==> flow/design.v <==
module mul_unit #(
  parameter DATA_W = 9
) (
  input  clk_i,
  input  clk_en,
  input  [DATA_W-1:0] rs1_in,
  input  [DATA_W-1:0] rs2_in,
  output reg [2*DATA_W-1:0] prod_out
);
  reg [DATA_W-1:0] rs1_r;
  reg [DATA_W-1:0] rs2_r;
  reg [2*DATA_W-1:0] r;
  integer k;
  always @* begin
    r = 0;
    for (k = 0; k < DATA_W; k = k + 1)
      if (rs2_r[k]) r = r + (rs1_r << k);
  end
  always @(posedge clk_i) begin
    if (clk_en) begin
      rs1_r <= rs1_in;
      rs2_r <= rs2_in;
      prod_out <= r;
    end
  end
endmodule
* Reports on mul_unit
What the tools print for mul_unit, step after step.
Lines are those of the file above, counted from 1.
Cell names lack the library's common part.
A cell with - has no value.
- Top module :: mul_unit
- Clock port :: clk_i
- Library :: sky130hd
- Timing corner :: tt_025C_1v80

* Elaborated design
Source: Yosys, flattened and elaborated, memories not mapped. Widths are those after wreduce; folded enables and synchronous resets count as part of the registers. Registers that Yosys merges into a memory's read port (data or address) are not register bits. Print and check cells do not count. Equal cells are merged and count once.
- Cells after elaboration :: 20
- Output and inout bits :: 18
- Register bits after elaboration :: 36
- Multiplexer cells :: 9
- Add/subtract/negate cells :: 8
** Operator list (number)
- two-way mux 18 bit :: 8
- adder 18 x 10 -> 18 bit :: 1
- adder 18 x 11 -> 18 bit :: 1
- adder 18 x 12 -> 18 bit :: 1
- adder 18 x 13 -> 18 bit :: 1
- adder 18 x 14 -> 18 bit :: 1
- adder 18 x 15 -> 18 bit :: 1
- adder 18 x 16 -> 18 bit :: 1
- adder 18 x 17 -> 18 bit :: 1
- two-way mux 9 bit :: 1

* Depth
Yosys ltp: most cells in a row. Word level: on the elaborated netlist, between registers, memories and ports. Mapped: between sequential cells and ports; inverters and the memories' decode and read muxes count.
- Word-level depth :: 17
- ABC_AREA :: 0
- Mapped depth :: 56
- Gate-level depth less buffers :: 54

* Synthesis result
Yosys stat after the flow's synthesis: flattened, memories mapped to cells. It holds for the ABC_AREA given above (unset counts as 0); a run with the other value may have another netlist.
** Cells by type (number)
- edfxtp_1 :: 36
- ha_1 :: 70
- mux2_2 :: 21
- a21oi_1 :: 40
- xnor2_1 :: 22
- nand2_1 :: 48
- o21ai_0 :: 33
- xor2_1 :: 18
- fa_1 :: 7
- inv_1 :: 36
- nor2_1 :: 32
- a21o_1 :: 12
- nor2b_1 :: 14
- nand3_1 :: 16
- and2_1 :: 10
- nor3_1 :: 12
- o21a_1 :: 8
- a31oi_1 :: 8
Other cell types: 59; their cells: 162.
- Mapped area :: 5228.8 µm²
- Mapped flip-flops :: 36
- Mapped cells :: 605

* Timing after synthesis
Source: OpenSTA report_checks on the synthesized netlist (no wires, ideal clock, input and output delay 20% of the period each), path of least setup slack; recovery checks are left aside. Register names are those of the netlist, which keeps one name where synthesis merged equal registers.
- Kind :: reg-to-reg
- From :: register rs1_r[1]
- To :: register prod_out[16]
- Buffers on the path :: 2
- Stages :: 48
- Data arrival time :: 9.962 ns
- Delay of the path :: 10.222 ns
- Slack :: 2.578 ns
- Launch time at the first pin :: 0.000 ns
- Period :: 12.8 ns
- Synthesis period reached :: 10.222 ns
"delay of the path" is the arrival time less input delay plus setup time.
"stages": output pins that drive a net of the path, with the launching flip-flop's if there is one; two outputs of one cell count as two.
"synthesis period reached" is the clock period less the worst setup slack; recovery checks do not enter. This is arithmetic on one report: input and output delays are still those of the set period (20% each).
Between the ends stands the longest chain of elaborated cells between them, by number of cells; it is not shown to be the way that was timed. Of several equally long chains one is given.
Each line given opens the expression or statement behind the cell; cells for indexed reads and writes are added by Yosys, which also makes memories of some case tables.
- Path through :: edfxtp_1 -> buf_2 -> inv_1 -> nor2_1 -> ha_1 -> ha_1 -> a32oi_1 -> a2111o_1 -> o2111a_1 -> o21ai_0 -> ha_1 -> clkbuf_1 -> o21ai_1 -> a21boi_0 -> o2bb2ai_1 -> xnor2_1 -> mux2_2 -> ha_1 -> (+12 left out) -> a31oi_1 -> xor2_1 -> mux2_2 -> ha_1 -> or3_1 -> o21ai_0 -> a2111oi_0 -> a211o_1 -> ha_1 -> a21o_1 -> a31oi_1 -> xnor2_1 -> mux2_2 -> ha_1 -> a21oi_1 -> o21ai_0 -> xor2_1 -> mux2_2
- Length of the longest elaborated chain :: 17
- Elaborated cells on any way between the ends :: 17
- Source lines of those cells :: 1
- Those cells by class :: add/sub: 8; mux: 9
** Ends and longest elaborated chain, after synthesis
- from (decl) :: RTL line 10 : reg [DATA_W-1:0] rs1_r;
- from (assign) :: RTL line 21 : rs1_r <= rs1_in;
- two-way mux 9 bit :: RTL line 17 : if (rs2_r[k]) r = r + (rs1_r << k);
- adder 18 x 10 -> 18 bit :: RTL line 17
- two-way mux 18 bit :: RTL line 17
- adder 18 x 11 -> 18 bit :: RTL line 17
- two-way mux 18 bit :: RTL line 17
- adder 18 x 12 -> 18 bit :: RTL line 17
- two-way mux 18 bit :: RTL line 17
- (+3 left out)
- two-way mux 18 bit :: RTL line 17
- adder 18 x 15 -> 18 bit :: RTL line 17
- two-way mux 18 bit :: RTL line 17
- adder 18 x 16 -> 18 bit :: RTL line 17
- two-way mux 18 bit :: RTL line 17
- adder 18 x 17 -> 18 bit :: RTL line 17
- two-way mux 18 bit :: RTL line 17
- to (assign) :: RTL line 23 : prod_out <= r;
- to (decl) :: RTL line 8 : output reg [2*DATA_W-1:0] prod_out

* Worst path after layout
From the final timing report of flow run A: the path of least setup slack in the routed layout; clock arrival at registers is part of the times.
- Kind :: reg-to-reg
- From :: register rs2_r[0]
- To :: register prod_out[15]
- Launch time at the first pin :: 0.28 ns
- Period :: 12.8 ns
- Data arrival time :: 11.76 ns
- Buffers on the path :: 0
- Slack :: 1.06 ns
- Stages :: 55
Between the ends stands the longest chain of elaborated cells between them, by number of cells; it is not shown to be the way that was timed. Of several equally long chains one is given.
- Path through :: edfxtp_1 -> inv_1 -> nor2_1 -> ha_1 -> ha_1 -> nor2_1 -> or4_1 -> a21oi_1 -> xor2_1 -> ha_1 -> nand2_1 -> o21a_1 -> o311ai_0 -> nor2_1 -> nor2_1 -> ha_1 -> o21ai_1 -> nor2_1 -> (+19 left out) -> inv_1 -> a21oi_1 -> o21ai_0 -> nor2b_1 -> xnor2_1 -> mux2_2 -> ha_1 -> or2_2 -> a21oi_1 -> a21oi_1 -> xor2_1 -> mux2_2 -> ha_1 -> a21oi_1 -> nand2_1 -> nor2_1 -> nor3_1 -> a221o_1
- Length of the longest elaborated chain :: 17
- Elaborated cells on any way between the ends :: 17
- Source lines of those cells :: 1
- Those cells by class :: add/sub: 8; mux: 9
** Ends and longest elaborated chain, after layout
- from (decl) :: RTL line 11 : reg [DATA_W-1:0] rs2_r;
- from (assign) :: RTL line 22 : rs2_r <= rs2_in;
- two-way mux 9 bit :: RTL line 17 : if (rs2_r[k]) r = r + (rs1_r << k);
- adder 18 x 10 -> 18 bit :: RTL line 17
- two-way mux 18 bit :: RTL line 17
- adder 18 x 11 -> 18 bit :: RTL line 17
- two-way mux 18 bit :: RTL line 17
- adder 18 x 12 -> 18 bit :: RTL line 17
- two-way mux 18 bit :: RTL line 17
- (+3 left out)
- two-way mux 18 bit :: RTL line 17
- adder 18 x 15 -> 18 bit :: RTL line 17
- two-way mux 18 bit :: RTL line 17
- adder 18 x 16 -> 18 bit :: RTL line 17
- two-way mux 18 bit :: RTL line 17
- adder 18 x 17 -> 18 bit :: RTL line 17
- two-way mux 18 bit :: RTL line 17
- to (assign) :: RTL line 23 : prod_out <= r;
- to (decl) :: RTL line 8 : output reg [2*DATA_W-1:0] prod_out

Data sheet: physical implementation of mul_unit

Top module mul_unit; platform sky130hd; tools Yosys and OpenROAD; 3 stored runs in no particular order. Input and output delays are each 20% of the period that was set; the output load is 0.01 pF.
"clock period reached" means the clock period less the worst setup slack. The figure is calculated, with input and output delays left at 20% of the set period.
"time of the worst setup path" is the time allowed to the run's worst setup path (the clock period less input and output delay, where it has them) less its slack. Clock arrival times count: a late capture clock shortens it, a late launch clock lengthens it.

* Flow run A
** Files
==> flow/run.sh <==
#!/bin/bash
# the make line also repeats the synthesis and layout settings of config.mk as NAME=value (left out here)
make -C /OpenROAD-flow-scripts/flow DESIGN_CONFIG=/design/flow/config.mk WORK_HOME=/design/flow/orfs CLKGATE_MAP_FILE= finish
==> flow/config.mk <==
export PLATFORM = sky130hd
export DESIGN_NAME = mul_unit
export DESIGN_NICKNAME = mul_unit
export VERILOG_FILES = /design/flow/design.v
export SDC_FILE = /design/flow/constraint.sdc
export NUM_CORES = 4
export LEC_CHECK = 0
export CAP_MARGIN = 20
export CORE_MARGIN = 2
export CORE_UTILIZATION = 40
export SLEW_MARGIN = 20
==> flow/constraint.sdc <==
create_clock -name core_clock -period 12.8 [get_ports {clk_i}]
set_input_delay 2.5600 -clock core_clock [delete_from_list [all_inputs] [get_ports {clk_i}]]
set_output_delay 2.5600 -clock core_clock [all_outputs]
set_load 0.01 [all_outputs]
** Results
- Mapped cell area after synthesis :: 5228.8 µm²
- Die size :: 14002.0 µm²
- Standard-cell area after routing :: 5871.9 µm²
- Worst setup slack after layout :: 1.061 ns
- Setup TNS :: 0.000 ns
- Final worst hold slack :: 0.872 ns
- Clock period reached :: 11.739 ns
- Time of the worst setup path :: 11.74 ns
- Critical path kind :: reg-to-reg

* Flow run B
** Files
==> flow/run.sh <==
#!/bin/bash
# the make line also repeats the synthesis and layout settings of config.mk as NAME=value (left out here)
make -C /OpenROAD-flow-scripts/flow DESIGN_CONFIG=/design/flow/config.mk WORK_HOME=/design/flow/orfs CLKGATE_MAP_FILE= finish
==> flow/config.mk <==
export PLATFORM = sky130hd
export DESIGN_NAME = mul_unit
export DESIGN_NICKNAME = mul_unit
export VERILOG_FILES = /design/flow/design.v
export SDC_FILE = /design/flow/constraint.sdc
export NUM_CORES = 4
export LEC_CHECK = 0
export ABC_AREA = 0
export CAP_MARGIN = 40
export CORE_MARGIN = 5
export CORE_UTILIZATION = 43
export CTS_CLUSTER_SIZE = 10
export PLACE_DENSITY_LB_ADDON = 0.18
export SLEW_MARGIN = 20
export TNS_END_PERCENT = 45
==> flow/constraint.sdc <==
create_clock -name core_clock -period 10.1 [get_ports {clk_i}]
set_input_delay 2.0200 -clock core_clock [delete_from_list [all_inputs] [get_ports {clk_i}]]
set_output_delay 2.0200 -clock core_clock [all_outputs]
set_load 0.01 [all_outputs]
** Results
- Mapped cell area after synthesis :: 5228.8 µm²
- Die size :: 14464.9 µm²
- Standard-cell area after routing :: 7229.4 µm²
- Worst setup slack after layout :: 0.163 ns
- Setup TNS :: 0.000 ns
- Final worst hold slack :: 0.810 ns
- Clock period reached :: 9.937 ns
- Time of the worst setup path :: 9.94 ns
- Critical path kind :: reg-to-reg

* Flow run C
** Files
==> flow/run.sh <==
#!/bin/bash
# the make line also repeats the synthesis and layout settings of config.mk as NAME=value (left out here)
make -C /OpenROAD-flow-scripts/flow DESIGN_CONFIG=/design/flow/config.mk WORK_HOME=/design/flow/orfs CLKGATE_MAP_FILE= finish
==> flow/config.mk <==
export PLATFORM = sky130hd
export DESIGN_NAME = mul_unit
export DESIGN_NICKNAME = mul_unit
export VERILOG_FILES = /design/flow/design.v
export SDC_FILE = /design/flow/constraint.sdc
export NUM_CORES = 4
export LEC_CHECK = 0
export ABC_AREA = 1
export CAP_MARGIN = 40
export CORE_MARGIN = 8
export CORE_UTILIZATION = 45
export CTS_CLUSTER_SIZE = 37
export GPL_TIMING_DRIVEN = 1
export PLACE_DENSITY = 0.79
export SETUP_SLACK_MARGIN = -0.28
export SLEW_MARGIN = 35
export TNS_END_PERCENT = 10
==> flow/constraint.sdc <==
create_clock -name core_clock -period 17.5 [get_ports {clk_i}]
set_input_delay 3.5000 -clock core_clock [delete_from_list [all_inputs] [get_ports {clk_i}]]
set_output_delay 3.5000 -clock core_clock [all_outputs]
set_load 0.01 [all_outputs]
** Results
- Mapped cell area after synthesis :: 5228.8 µm²
- Die size :: 15325.2 µm²
- Standard-cell area after routing :: 5840.6 µm²
- Worst setup slack after layout :: 7.468 ns
- Setup TNS :: 0.000 ns
- Final worst hold slack :: 0.755 ns
- Clock period reached :: 10.032 ns
- Time of the worst setup path :: 10.03 ns
- Critical path kind :: reg-to-reg
